==> flow/design.v <==
module add_unit_fa (
   input wire a,
   input wire b,
   input wire ci,
   output wire s,
   output wire co
);
   wire p = a ^ b;
   assign s = p ^ ci;
   assign co = p ? ci : a;
endmodule
module add_unit #(
   parameter integer BITS = 10
) (
   input core_clk,
   input srst,
   input en,
   input [BITS-1:0] lhs,
   input [BITS-1:0] rhs,
   input cin,
   output reg [BITS-1:0] total,
   output reg cy
);
   reg [BITS-1:0] lhs_s;
   reg [BITS-1:0] rhs_s;
   reg cin_s;
   wire [BITS-1:0] nxt;
   wire [BITS:0] chain;
   assign chain[0] = cin_s;
   genvar i;
   generate
      for (i = 0; i < BITS; i = i + 1) begin : lane
         add_unit_fa i_sub (.a(lhs_s[i]), .b(rhs_s[i]), .ci(chain[i]), .s(nxt[i]), .co(chain[i+1]));
      end
   endgenerate
   always @(posedge core_clk or posedge srst) begin
      if (srst) begin
         lhs_s <= 0;
         rhs_s <= 0;
         cin_s <= 1'b0;
         total <= 0;
         cy <= 1'b0;
      end else if (en) begin
         lhs_s <= lhs;
         rhs_s <= rhs;
         cin_s <= cin;
         total <= nxt;
         cy <= chain[BITS];
      end
   end
endmodule
Reports on add_unit
What the tools print for add_unit, step after step.
Lines are those of the file above, counted from 1.
Operators carry their Yosys type and port widths (W data, S select, Z words).
Library cell names are shortened.
The mark -- stands for no value.

design
  top module = add_unit
  clock port = core_clk
  standard-cell library = sky130hd
  corner = tt_025C_1v80

Word-level counts
Counts by Yosys on the flattened word-level netlist (proc, flatten, opt, wreduce; memories kept). Register bits leave out memories and registers merged into their read ports (data or address); mux counts leave out enables and synchronous resets folded into registers. Print and check cells are left out. Cells with the same type and inputs are merged into one.

cells by class
  multiplexer cells = 10
  bitwise gates (word level) = 20

operators with widths
  cell           number
  $xor A1 B1 Y1  20
  $mux W1        10

storage and ports
  bits in registers = 32
  bits of input ports = 24
  output and inout bits = 11
  elaborated cells = 35

Longest topological paths
Longest topological path by Yosys (ltp), each cell counted once; first at word level (registers and memories cut), then after technology mapping (sequential cells cut; the memories' decode and read muxes count).

depth
  depth after elaboration = 11
  ABC_AREA = 0
  depth in mapped cells = 7
  mapped depth without buffers = 6

After synthesis
Yosys stat after the flow's synthesis: flattened, memories mapped to cells. It holds for the ABC_AREA given above (unset counts as 0); a run with the other value may have another netlist.

synthesis totals
  standard cells after synthesis = 143
  synthesis area = 0.0016816 mm2
  sequential area = 0.0008008 mm2
  flip-flops = 32
  buffer cells = 11

cell types
  cell type  number  area in all (um2)
  dfrtp_1    32      800.768
  mux2_2     27      304.042
  xnor2_1    15      131.376
  nor2_1     8       30.029
  a221oi_1   3       26.275
  a2111o_1   2       22.522
  clkbuf_1   6       22.522
  maj3_1     2       20.019
  buf_1      5       18.768
  o2111ai_1  2       17.517
  a41oi_2    1       16.266
  o32ai_2    1       16.266
  a211oi_1   2       15.014
  a21oi_1    3       15.014
  a221oi_2   1       15.014
  nand2_1    4       15.014
  nand3_1    3       15.014
  o21ai_0    3       15.014

Not listed: further types 19, cells in them 23.
By module: a second synthesis without flattening, with its own total; a netlist apart from the flattened one above.

second synthesis, totals
  cell total of the unflattened synthesis = 89
  area (unflattened synthesis) = 0.0016866 mm2

Rows give one instance, submodules left out.

by module
  module       instances  cells  area (mm2)  seq. area (mm2)
  add_unit     1          69     0.0013488   0.0008008
  add_unit_fa  10         2      0.0000338   0

Worst setup path after synthesis
Source: OpenSTA report_checks on the synthesized netlist (no wires, ideal clock, input and output delay 20% of the period each), path of least setup slack; recovery checks are left aside. Register names are those of the netlist, which keeps one name where synthesis merged equal registers.

path after synthesis
  path kind = flip-flop to flip-flop
  start = register rhs_s[0]
  end = register total[3]
  period = 2470 ps
  setup time = 125 ps
  data arrival time = 1853 ps
  setup slack = 492 ps
  delay of the path = 1978 ps
  stages = 6
  path buffers = 0
  synthesis period reached = 1978 ps

"delay of the path" = arrival - input delay + setup time.
"stages" counts driving pins, that of a launching flip-flop among them; a cell with two outputs on the path counts twice.
"synthesis period reached" is the clock period less the worst setup slack; recovery checks do not enter. This is arithmetic on one report: input and output delays are still those of the set period (20% each).
The rows between start and end are the longest chain of elaborated cells between them; the timing report does not say that the signal goes this way. Where chains are equally long, one stands for them.
A line is the first line of the expression or statement that the cell stems from. Yosys adds cells for indexed reads and writes and turns some case tables into memories.

between the ends, after synthesis
  path through = dfrtp_1 -> maj3_2 -> maj3_1 -> maj3_1 -> xnor2_1 -> mux2_2
  cells in the longest elaborated chain = 5

RTL lines, path after synthesis
  what                  RTL line  source
  from (decl)           25        reg [BITS-1:0] rhs_s;
  from (assign)         39        rhs_s <= 0;
  from (assign)         45        rhs_s <= rhs;
  $xor A1 B1 Y1         8         wire p = a ^ b;
  $mux W1 (3 in a row)  10        assign co = p ? ci : a;
  $xor A1 B1 Y1         9         assign s = p ^ ci;
  to (assign)           41        total <= 0;
  to (assign)           47        total <= nxt;
  to (decl)             21        output reg [BITS-1:0] total,

Worst path after layout
From the final timing report of run 1: the path of least setup slack in the routed layout; clock arrival at registers is part of the times.
The path's times are printed in steps of 10 ps; the period is the one set.

path after layout
  path kind = flip-flop to flip-flop
  start = register lhs_s[0]
  end = register total[8]
  period = 2010 ps
  setup time = 80 ps
  data arrival time = 2170 ps
  setup slack = 40 ps
  stages = 7
  path buffers = 0

The rows between start and end are the longest chain of elaborated cells between them; the timing report does not say that the signal goes this way. Where chains are equally long, one stands for them.

between the ends, after layout
  path through = dfrtp_1 -> maj3_2 -> a221oi_2 -> or3_4 -> nor2_4 -> or4b_4 -> a41oi_2
  cells in the longest elaborated chain = 10

RTL lines, path after layout
  what                  RTL line  source
  from (decl)           24        reg [BITS-1:0] lhs_s;
  from (assign)         38        lhs_s <= 0;
  from (assign)         44        lhs_s <= lhs;
  $xor A1 B1 Y1         8         wire p = a ^ b;
  $mux W1 (8 in a row)  10        assign co = p ? ci : a;
  $xor A1 B1 Y1         9         assign s = p ^ ci;
  to (assign)           41        total <= 0;
  to (assign)           47        total <= nxt;
  to (decl)             21        output reg [BITS-1:0] total,

## Implementation results

Settings and measured results of 3 stored flow runs for module add_unit (sky130hd), not sorted in any way. The constraints put input and output delay at 20% of the set period each and load the outputs with 0.01 pF.
"clock period reached" means the clock period less the worst setup slack. The figure is calculated, with input and output delays left at 20% of the set period.
"total power of the final layout" is the tool's figure for a default switching activity; nothing was simulated.
Among the settings, -- means not set for that run.

setting or result                     run 1      run 2      run 3
period_ns                             2.01       2.0        2.47
CORE_UTILIZATION                      23         43         40
PLACE_DENSITY_LB_ADDON                0.03       0.01       --
CORE_ASPECT_RATIO                     1.59       1.09       --
CORE_MARGIN                           8          3          2
CELL_PAD_IN_SITES_GLOBAL_PLACEMENT    2          --         --
CELL_PAD_IN_SITES_DETAIL_PLACEMENT    0          1          --
TNS_END_PERCENT                       90         --         --
GPL_TIMING_DRIVEN                     0          1          --
CTS_CLUSTER_DIAMETER                  43         --         --
SLEW_MARGIN                           35         20         20
CAP_MARGIN                            20         20         20
MIN_ROUTING_LAYER                     --         met2       --
chip area in the Yosys report (mm2)   0.0016816  0.0016816  0.0016816
die area (mm2)                        0.0103774  0.004698   0.0047389
final design utilization (%)          32.7       61.1       53.3
smallest setup slack (ps)             35         41         387
total negative slack (ps)             0          0          0
total power of the final layout (µW)  2344       2109       1594
clock period reached (ps)             1975       1959       2083
